==> flow/design.v <==
module mul_unit_rtl (CLK, in0, in1, out);
   parameter WD = 7;
   input CLK;
   input [WD-1:0] in0;
   input [WD-1:0] in1;
   output [WD-1:0] out;
   reg [WD-1:0] out_d1;
   always @(posedge CLK) begin
      out_d1 <= in0 * in1;
   end
   assign out = out_d1;
endmodule
From RTL to reports: mul_unit_rtl. Tool output for the design above, in the order of the flow. Lines are those of the file above, counted from 1. Library cell names are shortened. A cell with - has no value.

Design top: mul_unit_rtl. Clock port: CLK. Library: sky130hd. Timing corner: tt_025C_1v80.

Word level. Yosys after proc, flatten, opt, wreduce and memory -nomap, before mapping. Enables and synchronous resets that opt folds into registers are not counted as muxes. Memory bits, and registers merged into a memory's read port (data or address), are not among the register bits. Print and check cells are not counted. Equal cells are merged and count once.

For output and inout bits the number is 7. The figure for elaborated cells is 2. Under register bits after elaboration stands 7.

The figure for multipliers is 1.

Operator list (count): multiplier 7 x 7 -> 7 bit (1).

Longest topological paths. Yosys ltp: most cells in a row. Word level: on the elaborated netlist, between registers, memories and ports. Mapped: between sequential cells and ports; inverters and the memories' decode and read muxes count.

Word-level depth: 1. The entry for ABC_AREA reads 1. The figure for gate-level depth with buffers is 18.

Mapped cells and area. The flow's flattened synthesis, as Yosys stat reports it; memories are mapped. The netlist is that of the ABC_AREA named above (0 if unset); the other value can give another one. The area totals of this step are shown rounded.

The figure for flip-flops is 7. Buffers: 0. Standard cells after synthesis: 139. The entry for synthesis area reads 913 µm².

Cell types: nand2_1 (count 53, area in all 198.941 µm²); ha_1 (count 13, area in all 162.656 µm²); dfxtp_1 (count 7, area in all 140.134 µm²); fa_1 (count 7, area in all 140.134 µm²); inv_1 (count 34, area in all 127.622 µm²); nand3_1 (count 11, area in all 55.053 µm²); nand2_2 (count 4, area in all 25.024 µm²); nand3b_1 (count 2, area in all 15.014 µm²); clkinv_1 (count 3, area in all 11.261 µm²); a21oi_1 (count 2, area in all 10.01 µm²); nand3_2 (count 1, area in all 10.01 µm²); xnor2_1 (count 1, area in all 8.758 µm²); xor2_1 (count 1, area in all 8.758 µm²).

Path before layout. Source: OpenSTA report_checks on the synthesized netlist (no wires, ideal clock, input and output delay 20% of the period each), path of least setup slack; recovery checks are left aside. Register names are those of the netlist, which keeps one name where synthesis merged equal registers.

Path kind: input to register. From: in in1[3]. To: reg out_d1[6]. Stages on the path: 17. Under time at the first pin stands 0.870 ns. Under path slack stands 0.509 ns. The entry for clock period reads 4.35 ns. The figure for external input delay is 0.870 ns. For data required time the number is 4.238 ns. For delay of the path the number is 2.971 ns. Under path buffers stands 0. The entry for arrival time reads 3.729 ns. For period reached after synthesis the number is 3.841 ns.

"delay of the path" = arrival - input delay + setup time. "stages on the path" counts driving pins, that of a launching flip-flop among them; a cell with two outputs on the path counts twice. "period reached after synthesis" = period - worst setup slack (recovery checks aside). The figure is calculated, with input and output delays left at 20% of the set period. Between the ends stands the longest chain of elaborated cells between them, by number of cells; it is not shown to be the way that was timed. Of several equally long chains one is given. Each line given opens the expression or statement behind the cell; cells for indexed reads and writes are added by Yosys, which also makes memories of some case tables.

Path through: nand2_1 > fa_1 > inv_1 > ha_1 > inv_1 > fa_1 > fa_1 > inv_1 > ha_1 > a21oi_1 > nand3_1 > nand2_1 > inv_1 > nand3_1 > nand2_1 > nand2_1 > nand2_1. Under length of the longest elaborated chain stands 1. For elaborated cells between the ends (all ways) the number is 1. For RTL lines with such cells the number is 1. Those cells by class: mul (1).

Ends and longest elaborated chain, post-synthesis: start: declaration (RTL line 5) `input [WD-1:0] in1;`; multiplier 7 x 7 -> 7 bit (RTL line 9) `out_d1 <= in0 * in1;`; end: assignment (RTL line 9); end: declaration (RTL line 7) `reg [WD-1:0] out_d1;`.

Path in the finished layout. From the final timing report of flow run A: the path of least setup slack in the routed layout; clock arrival at registers is part of the times.

Path kind: input to register. From: in in0[2]. To: reg out_d1[6]. Under path slack stands 1.39 ns. The entry for clock period reads 6.24 ns. Under path buffers stands 1. Stages on the path: 18. Under time at the first pin stands 1.25 ns. The figure for external input delay is 1.25 ns. For data required time the number is 6.36 ns. The entry for arrival time reads 4.97 ns.

Between the ends stands the longest chain of elaborated cells between them, by number of cells; it is not shown to be the way that was timed. Of several equally long chains one is given.

Path through: clkdlybuf4s50_1 > nand2_1 > fa_1 > inv_1 > ha_1 > inv_1 > fa_1 > fa_1 > inv_1 > ha_1 > a21oi_1 > nand3_1 > nand2_1 > inv_1 > nand3_1 > nand2_1 > nand2_1 > nand2_1. Under length of the longest elaborated chain stands 1. For elaborated cells between the ends (all ways) the number is 1. For RTL lines with such cells the number is 1. Those cells by class: mul (1).

Ends and longest elaborated chain, after layout: start: declaration (RTL line 4) `input [WD-1:0] in0;`; multiplier 7 x 7 -> 7 bit (RTL line 9) `out_d1 <= in0 * in1;`; end: assignment (RTL line 9); end: declaration (RTL line 7) `reg [WD-1:0] out_d1;`.

Data sheet: physical implementation of mul_unit_rtl

Measured results for mul_unit_rtl: 3 stored runs of the Yosys and OpenROAD flow on sky130hd. The settings differ; the order carries no meaning. The constraints put input and output delay at 20% of the set period each and load the outputs with 0.01 pF. "period achieved" is the run's clock period less its worst setup slack. It is reckoned from that one timing run; input and output delays stay at 20% of the period that was set. "time used up by the worst setup path" is the time allowed to the run's worst setup path (the clock period less input and output delay, where it has them) less its slack. Clock arrival times count: a late capture clock shortens it, a late launch clock lengthens it. "total power of the final layout" is the tool's figure for a default switching activity; nothing was simulated. Values from the reports are rounded here.

Flow run A has these settings: period_ns 6.24; CORE_UTILIZATION 18; SETUP_SLACK_MARGIN 0.32; PLACE_DENSITY 0.45; CORE_ASPECT_RATIO 1.16; CORE_MARGIN 7; CELL_PAD_IN_SITES_GLOBAL_PLACEMENT 0; CELL_PAD_IN_SITES_DETAIL_PLACEMENT 2; ABC_AREA 1; GPL_ROUTABILITY_DRIVEN 0; CTS_CLUSTER_SIZE 30; CTS_CLUSTER_DIAMETER 62; MIN_ROUTING_LAYER met2; MAX_ROUTING_LAYER met4; CAP_MARGIN 20; SLEW_MARGIN 20. For the Yosys chip area after synthesis the run shows 913 µm². The die footprint comes to 7270 µm². For the standard-cell area after layout the run shows 1240 µm². The utilization stands at 25.7 %. The setup slack of the critical path comes to 1.39 ns. The setup total negative slack stands at 0.000 ns. The smallest hold slack is 1.79 ns. The total power of the final layout comes to 0.259 mW. The measured period achieved is 4.854 ns. The time used up by the worst setup path reads 3.61 ns. Critical path type: input to register.

Flow run B has these settings: period_ns 4.35; CAP_MARGIN 20; CORE_MARGIN 2; CORE_UTILIZATION 40; SLEW_MARGIN 20. For the Yosys chip area after synthesis the run shows 801 µm². The die footprint comes to 2380 µm². For the standard-cell area after layout the run shows 1100 µm². The utilization stands at 57.3 %. The setup slack of the critical path comes to 0.311 ns. The setup total negative slack stands at 0.000 ns. The smallest hold slack is 1.40 ns. The total power of the final layout comes to 0.333 mW. The measured period achieved is 4.039 ns. The time used up by the worst setup path reads 3.17 ns. Critical path type: input to register.

Flow run C has these settings: period_ns 2.89; CORE_UTILIZATION 63; PLACE_DENSITY 0.83; CELL_PAD_IN_SITES_GLOBAL_PLACEMENT 2; GPL_TIMING_DRIVEN 0; GPL_ROUTABILITY_DRIVEN 0; CTS_CLUSTER_SIZE 14; CTS_CLUSTER_DIAMETER 298; MIN_ROUTING_LAYER met2; CAP_MARGIN 20; CORE_MARGIN 2; SLEW_MARGIN 20. Outcome: not finished: placement ended with error GPL-0301.
